==> flow/design.v <==
module u_selector #(
  parameter int NBITS = 20,
  parameter int COUNT = 5,
  parameter int LG = $clog2(COUNT)
) (
  input logic clock,
  input logic RSTN,
  input logic step,
  input logic [COUNT*NBITS-1:0] src_i,
  input logic [LG-1:0] select_i,
  output logic [NBITS-1:0] o_o
);
  logic [COUNT*NBITS-1:0] val;
  assign val = src_i >> (select_i * NBITS);
  always_ff @(posedge clock or negedge RSTN) begin
    if (~RSTN) begin
      o_o <= 0;
    end else if (step) begin
      o_o <= val[NBITS-1:0];
    end
  end
endmodule
Tool chain data of u_selector --
Tool output for the design above, in the order of the flow. Line numbers count from 1 in the design file above. Library cell names are shortened. Not given: n/a
Inputs: top module u_selector, clock port clock, cell library sky130hd, corner tt_025C_1v80

Word-level counts --
Counts by Yosys on the flattened word-level netlist (proc, flatten, opt, wreduce; memories kept). Register bits leave out memories and registers merged into their read ports (data or address); mux counts leave out enables and synchronous resets folded into registers. Print and check cells are left out. Cells with the same type and inputs are merged into one.
Word-level totals: output and inout port bits 20, flip-flop bits (word level) 20, input port bits 106, word-level cells 3
Operators by class: $mul 1, shift operators 1
Operators by type and width (count):
- 100-bit by 8-bit >> shifter with 20-bit output | 1
- 3-bit by 3-bit multiplier with 6-bit output (second input constant) | 1

Depth --
Yosys ltp: most cells in a row. Word level: on the elaborated netlist, between registers, memories and ports. Mapped: between sequential cells and ports; inverters and the memories' decode and read muxes count.
Logic depth: depth after elaboration 2, ABC_AREA 0, mapped depth 5

Netlist --
Source: synth_stat.txt of the flow (Yosys; design flattened, memories mapped). It holds for the ABC_AREA given above (unset counts as 0); a run with the other value may have another netlist. Totals and module areas in this step are rounded.
Synthesis totals: sequential area 500 um2, mapped area 1400 um2, cells in the netlist 118, mapped flip-flops 20, buffers 13
Cells by type (count):
- dfrtp_1 | 20
- mux2i_1 | 40
- a221o_2 | 15
- o22ai_1 | 20
- buf_6 | 6
- a221o_1 | 5
- buf_2 | 3
- clkbuf_1 | 4
- or3b_4 | 1
- nand3b_1 | 1
- nor3_1 | 1
- inv_1 | 1
- nand2_1 | 1

Timing after synthesis --
OpenSTA on the mapped netlist: ideal clock, no wires. The path of least setup slack (recovery checks aside). Input and output delay are each 20% of the period. Register names are those of the netlist, which keeps one name where synthesis merged equal registers.
Timing post-synthesis: path kind input to register, from input port select_i[0], to register o_o[0], clock period 1.54 ns, path delay 0.988 ns, arrival 1.169 ns, stages on the path 5, launch time at the first pin 0.308 ns, path slack 0.244 ns, synthesis period reached 1.296 ns
"path delay" is the arrival time less input delay plus setup time. "stages on the path" counts driving pins, that of a launching flip-flop among them; a cell with two outputs on the path counts twice. "synthesis period reached" is the clock period less the worst setup slack; recovery checks do not enter. This is arithmetic on one report: input and output delays are still those of the set period (20% each). The rows between start and end are the longest chain of elaborated cells between them; the timing report does not say that the signal goes this way. Where chains are equally long, one stands for them. Each line given opens the expression or statement behind the cell; cells for indexed reads and writes are added by Yosys, which also makes memories of some case tables.
On the way, post-synthesis: cells stage by stage buf_2 -> buf_6 -> mux2i_1 -> o22ai_1 -> a221o_2, length of the longest elaborated chain 2, elaborated cells on any way between the ends 2, source lines of those cells 1, those cells by class mul: 1; shift: 1
RTL lines, path post-synthesis:
- start, declared | RTL line 10 | input logic [LG-1:0] select_i,
- 3-bit by 3-bit multiplier with 6-bit output | RTL line 14 | assign val = src_i >> (select_i * NBITS);
- 100-bit by 8-bit >> shifter with 20-bit output | RTL line 14
- end, assigned | RTL line 17 | o_o <= 0;
- end, assigned | RTL line 19 | o_o <= val[NBITS-1:0];
- end, declared | RTL line 11 | output logic [NBITS-1:0] o_o

Timing after layout --
Path of least setup slack in the final report of run 2 (OpenROAD, finished layout, wires in). Where an end is a register, its clock arrival counts in the times.
Timing after layout: path kind input to register, from input port step, to register o_o[1], stages on the path 4, launch time at the first pin 0.41 ns, clock period 2.05 ns, path slack 0.33 ns, arrival 1.92 ns
On the way, after layout: cells stage by stage clkdlybuf4s50_1 -> or3b_4 -> o22ai_1 -> a221o_2
RTL lines, path after layout:
- start, declared | RTL line 8 | input logic step,
- end, assigned | RTL line 17 | o_o <= 0;
- end, assigned | RTL line 19 | o_o <= val[NBITS-1:0];
- end, declared | RTL line 11 | output logic [NBITS-1:0] o_o
Chain of elaborated cells between the ends: none given.

FLOW RESULTS
============

Design u_selector on sky130hd. What follows are 3 stored runs of the flow, each under its own settings; their order means nothing. The constraints put input and output delay at 20% of the set period each and load the outputs with 0.01 pF.
"achieved clock period" is the run's clock period less its worst setup slack. It is reckoned from that one timing run; input and output delays stay at 20% of the period that was set.
"worst setup path time": the worst setup path's part of the clock period (all of it between registers, 20% less for each end at a port) less its slack. A launch clock that arrives late makes it longer, a capture clock that arrives late makes it shorter.
"power": no workload was simulated; the value follows from the tool's default switching activity.
The results are shown rounded.
[run 1] settings: period_ns=0.878, CORE_UTILIZATION=68, SETUP_SLACK_MARGIN=0.22, PLACE_DENSITY=0.41, CORE_ASPECT_RATIO=0.53, CELL_PAD_IN_SITES_GLOBAL_PLACEMENT=0, CELL_PAD_IN_SITES_DETAIL_PLACEMENT=1, ABC_AREA=1, CTS_CLUSTER_SIZE=22, CTS_CLUSTER_DIAMETER=183, CAP_MARGIN=20, CORE_MARGIN=2, SLEW_MARGIN=20
[run 1] result: did not finish, placement stopped with GPL-0301
[run 2] settings: period_ns=2.05, CORE_UTILIZATION=31, SETUP_SLACK_MARGIN=0.21, PLACE_DENSITY_LB_ADDON=0.18, CELL_PAD_IN_SITES_DETAIL_PLACEMENT=0, SLEW_MARGIN=35, MAX_ROUTING_LAYER=met5, CAP_MARGIN=20, CORE_MARGIN=2
[run 2] result: chip area after synthesis (Yosys) 1400 um2, die area 5000 um2, standard-cell area of the final layout 2700 um2, utilization 63%, worst setup slack after layout 0.33 ns, total negative slack 0.000 ns, power 1400 uW, achieved clock period 1.721 ns, worst setup path time 1.31 ns, worst setup path kind input to register
[run 3] settings: period_ns=1.54, CAP_MARGIN=20, CORE_MARGIN=2, CORE_UTILIZATION=40, SLEW_MARGIN=20
[run 3] result: chip area after synthesis (Yosys) 1400 um2, die area 3900 um2, standard-cell area of the final layout 2800 um2, utilization 85%, worst setup slack after layout 0.012 ns, total negative slack 0.000 ns, power 1800 uW, achieved clock period 1.528 ns, worst setup path time 1.22 ns, worst setup path kind register to output
